==> flow/design.v <==
module dp_barrel_mod #(
   parameter W = 14,
   parameter LOGN = $clog2(W)
) (
   input wire core_clk,
   input wire resetn,
   input wire step,
   input wire [W-1:0] i_din,
   input wire [LOGN-1:0] i_n,
   input wire [1:0] i_kind,
   output reg [W-1:0] o_out
);
   reg [W-1:0] tmp;
   always @(*) begin
      case (i_kind)
         2'b00: tmp = i_din << i_n;
         2'b01: tmp = i_din >> i_n;
         2'b10: tmp = $signed(i_din) >>> i_n;
         default: tmp = i_din;
      endcase
   end
   always @(posedge core_clk) begin
      if (~resetn) begin
         o_out <= 0;
      end else if (step) begin
         o_out <= tmp;
      end
   end
endmodule
# Step by step through the tools: dp_barrel_mod
# A sweep over "W": the same steps for each member of the family.
# The RTL above is that of W 14; lines are counted from 1 in the file of the member named.
# Cell names lack the library's common part.
# The mark - stands for no value.
# design
design	dp_barrel_mod
clk_port	core_clk
cell_library	sky130hd
corner	tt_025C_1v80

# Source of the members
# New or changed lines of each further member against the RTL above, in its own file; lines it lacks are not shown.
# src_changes
W	line	rtl
16	2	parameter W = 16,
128	2	parameter W = 128,

# Word level
# Counts by Yosys on the flattened word-level netlist (proc, flatten, opt, wreduce; memories kept). Register bits leave out memories and registers merged into their read ports (data or address); mux counts leave out enables and synchronous resets folded into registers. Print and check cells are left out. Cells with the same type and inputs are merged into one.
# word_totals
W	register_bits	inputBits	output_inout_bits	elab_cells
14	14	23	14	8
16	16	25	16	8
128	128	140	128	8
# classes
W	n_eq	shift	n_mux	reduce_logical
14	2	3	1	1
16	2	3	1	1
128	2	3	1	1
# ops
W	op_list
14	1 x case mux 14 bit (select 3 bit); 1 x << shifter 14 x 4 -> 14 bit; 1 x >> shifter 14 x 4 -> 14 bit; 1 x >>> shifter 14 x 4 -> 14 bit; 1 x == test 2 x 1 -> 1 bit with constant B; 1 x == test 2 bit with constant B; 1 x zero test 2 bit
16	1 x case mux 16 bit (select 3 bit); 1 x << shifter 16 x 4 -> 16 bit; 1 x >> shifter 16 x 4 -> 16 bit; 1 x >>> shifter 16 x 4 -> 16 bit; 1 x == test 2 x 1 -> 1 bit with constant B; 1 x == test 2 bit with constant B; 1 x zero test 2 bit
128	1 x case mux 128 bit (select 3 bit); 1 x << shifter 128 x 7 -> 128 bit; 1 x >> shifter 128 x 7 -> 128 bit; 1 x >>> shifter 128 x 7 -> 128 bit; 1 x == test 2 x 1 -> 1 bit with constant B; 1 x == test 2 bit with constant B; 1 x zero test 2 bit

# Logic depth
# Yosys ltp: most cells in a row. Word level: on the elaborated netlist, between registers, memories and ports. Mapped: between sequential cells and ports; inverters and the memories' decode and read muxes count.
# depth
W	word_depth	abc_area	ltp_mapped	ltp_nobuf
14	2	0	9	5
16	2	0	9	5
128	2	0	13	7

# After synthesis
# Yosys stat after the flow's synthesis: flattened, memories mapped to cells. It holds for the ABC_AREA given above (unset counts as 0); a run with the other value may have another netlist.
# mapped
W	mapped_cells	yosys_area_um2	seqArea_um2	ff_cells	buffers
14	283	2203.4	280.3	14	30
16	310	2601.2	320.3	16	37
128	3243	29338.1	2562.5	128	431
# types
W	type_list
14	13 x mux4_2; 14 x dfxtp_1; 25 x mux2i_1; 26 x o21ai_0; 26 x nand2_1; 8 x mux2_2; 17 x a21oi_1; 22 x nor2_1; 10 x o22ai_1; 14 x clkbuf_1; 8 x nand2b_1; 2 x buf_12; 8 x buf_2; 5 x o211ai_1; 5 x a31oi_1; 4 x a211oi_1; 6 x nor3_1; 4 x o31ai_1; [+66]
16	25 x mux4_2; 16 x dfxtp_1; 23 x mux2i_1; 33 x nand2_1; 21 x o21ai_0; 26 x nor2_1; 16 x a21oi_1; 10 x a211oi_1; 17 x clkbuf_1; 12 x buf_2; 2 x mux4_1; 4 x mux2_2; 6 x o211ai_1; 7 x a31oi_1; 2 x buf_12; 7 x nor3_1; 9 x inv_1; 5 x nand2b_1; [+69]
128	412 x mux4_2; 279 x mux2i_1; 247 x mux2_2; 128 x dfxtp_1; 234 x o21ai_0; 298 x nand2_1; 270 x nor2_1; 253 x clkbuf_1; 166 x a21oi_1; 95 x buf_2; 59 x o211ai_1; 53 x a211oi_1; 55 x o22ai_1; 39 x o221ai_1; 32 x a22oi_1; 27 x a221oi_1; 47 x nor3_1; 18 x buf_6; [+531]
# The mark [+n] counts cells that are not listed.

# Worst setup path after synthesis
# Source: OpenSTA report_checks on the synthesized netlist (no wires, ideal clock, input and output delay 20% of the period each), path of least setup slack; recovery checks are left aside. Register names are those of the netlist, which keeps one name where synthesis merged equal registers.
# synth_timing
W	path_kind	from	to	tclk_ns	slack_ns	stages	delay_ns	period_less_setup_slack_ns
14	input to register	input i_n[0]	register o_out[3]	2.39	0.383	6	1.529	2.007
16	input to register	input i_n[0]	register o_out[5]	2.33	0.373	6	1.491	1.957
128	input to register	input i_n[3]	register o_out[31]	3.97	0.634	10	2.542	3.336
# "delay_ns" is the arrival time less input delay plus setup time.
# "stages": output pins that drive a net of the path, with the launching flip-flop's if there is one; two outputs of one cell count as two.
# "period_less_setup_slack_ns" is the clock period less the worst setup slack; recovery checks do not enter. This is arithmetic on one report: input and output delays are still those of the set period (20% each).
# The rows between start and end are the longest chain of elaborated cells between them; the timing report does not say that the signal goes this way. Where chains are equally long, one stands for them.
# A line is the first line of the expression or statement that the cell stems from. Yosys adds cells for indexed reads and writes and turns some case tables into memories.
# synth_between_W_14
elab_chain_len	2
# synth_rtl_W_14
element	line	rtl
start, declared	9	input wire [LOGN-1:0] i_n,
>>> shifter 14 x 4 -> 14 bit	18	2'b10: tmp = $signed(i_din) >>> i_n;
case mux 14 bit (select 3 bit)	15	case (i_kind)
end, assigned	24	o_out <= 0;
end, assigned	26	o_out <= tmp;
end, declared	11	output reg [W-1:0] o_out
# synth_between_W_128
elab_chain_len	2
# synth_rtl_W_128
element	line	rtl
start, declared	9	input wire [LOGN-1:0] i_n,
>>> shifter 128 x 7 -> 128 bit	18	2'b10: tmp = $signed(i_din) >>> i_n;
case mux 128 bit (select 3 bit)	15	case (i_kind)
end, assigned	24	o_out <= 0;
end, assigned	26	o_out <= tmp;
end, declared	11	output reg [W-1:0] o_out

# Path in the finished layout
# From the final timing report of the run of each member: the path of least setup slack in the routed layout; clock arrival at registers is part of the times.
# layout_timing
W	path_kind	from	to	tclk_ns	slack_ns	stages	t_arrival_ns	n_path_buf
14	input to register	input i_n[1]	register o_out[0]	2.39	0.19	7	2.33	2
16	input to register	input i_n[1]	register o_out[11]	2.33	0.11	7	2.42	2
128	input to register	input i_din[125]	register o_out[69]	3.97	-0.21	9	4.56	2

# Measured runs
# One run of the flow (Yosys, OpenROAD) for each member, with settings and measured results. Input and output delays are each 20% of the period that was set; the output load is 0.01 pF.
# flow_settings
CAP_MARGIN	20
CORE_MARGIN	2
CORE_UTILIZATION	40
SLEW_MARGIN	20
# settings_diff
W	period_ns
14	2.39
16	2.33
128	3.97
# results
W	ys_area_um2	design.die.area_um2	finalUtil_frac	ws_setup_ns	final_hold_ws_ns	final_power_uw	clock_period_reached_ns
14	2203.4	6118.4	0.547	0.194	0.468	1005	2.196
16	2601.2	7163.9	0.57	0.114	0.452	1260	2.216
128	29338.1	75528.8	0.548	-0.213	0.457	11012	4.183
# "clock_period_reached_ns" means the clock period less the worst setup slack. The figure is calculated, with input and output delays left at 20% of the set period.
# "final_power_uw" is the tool's figure for a default switching activity; nothing was simulated.
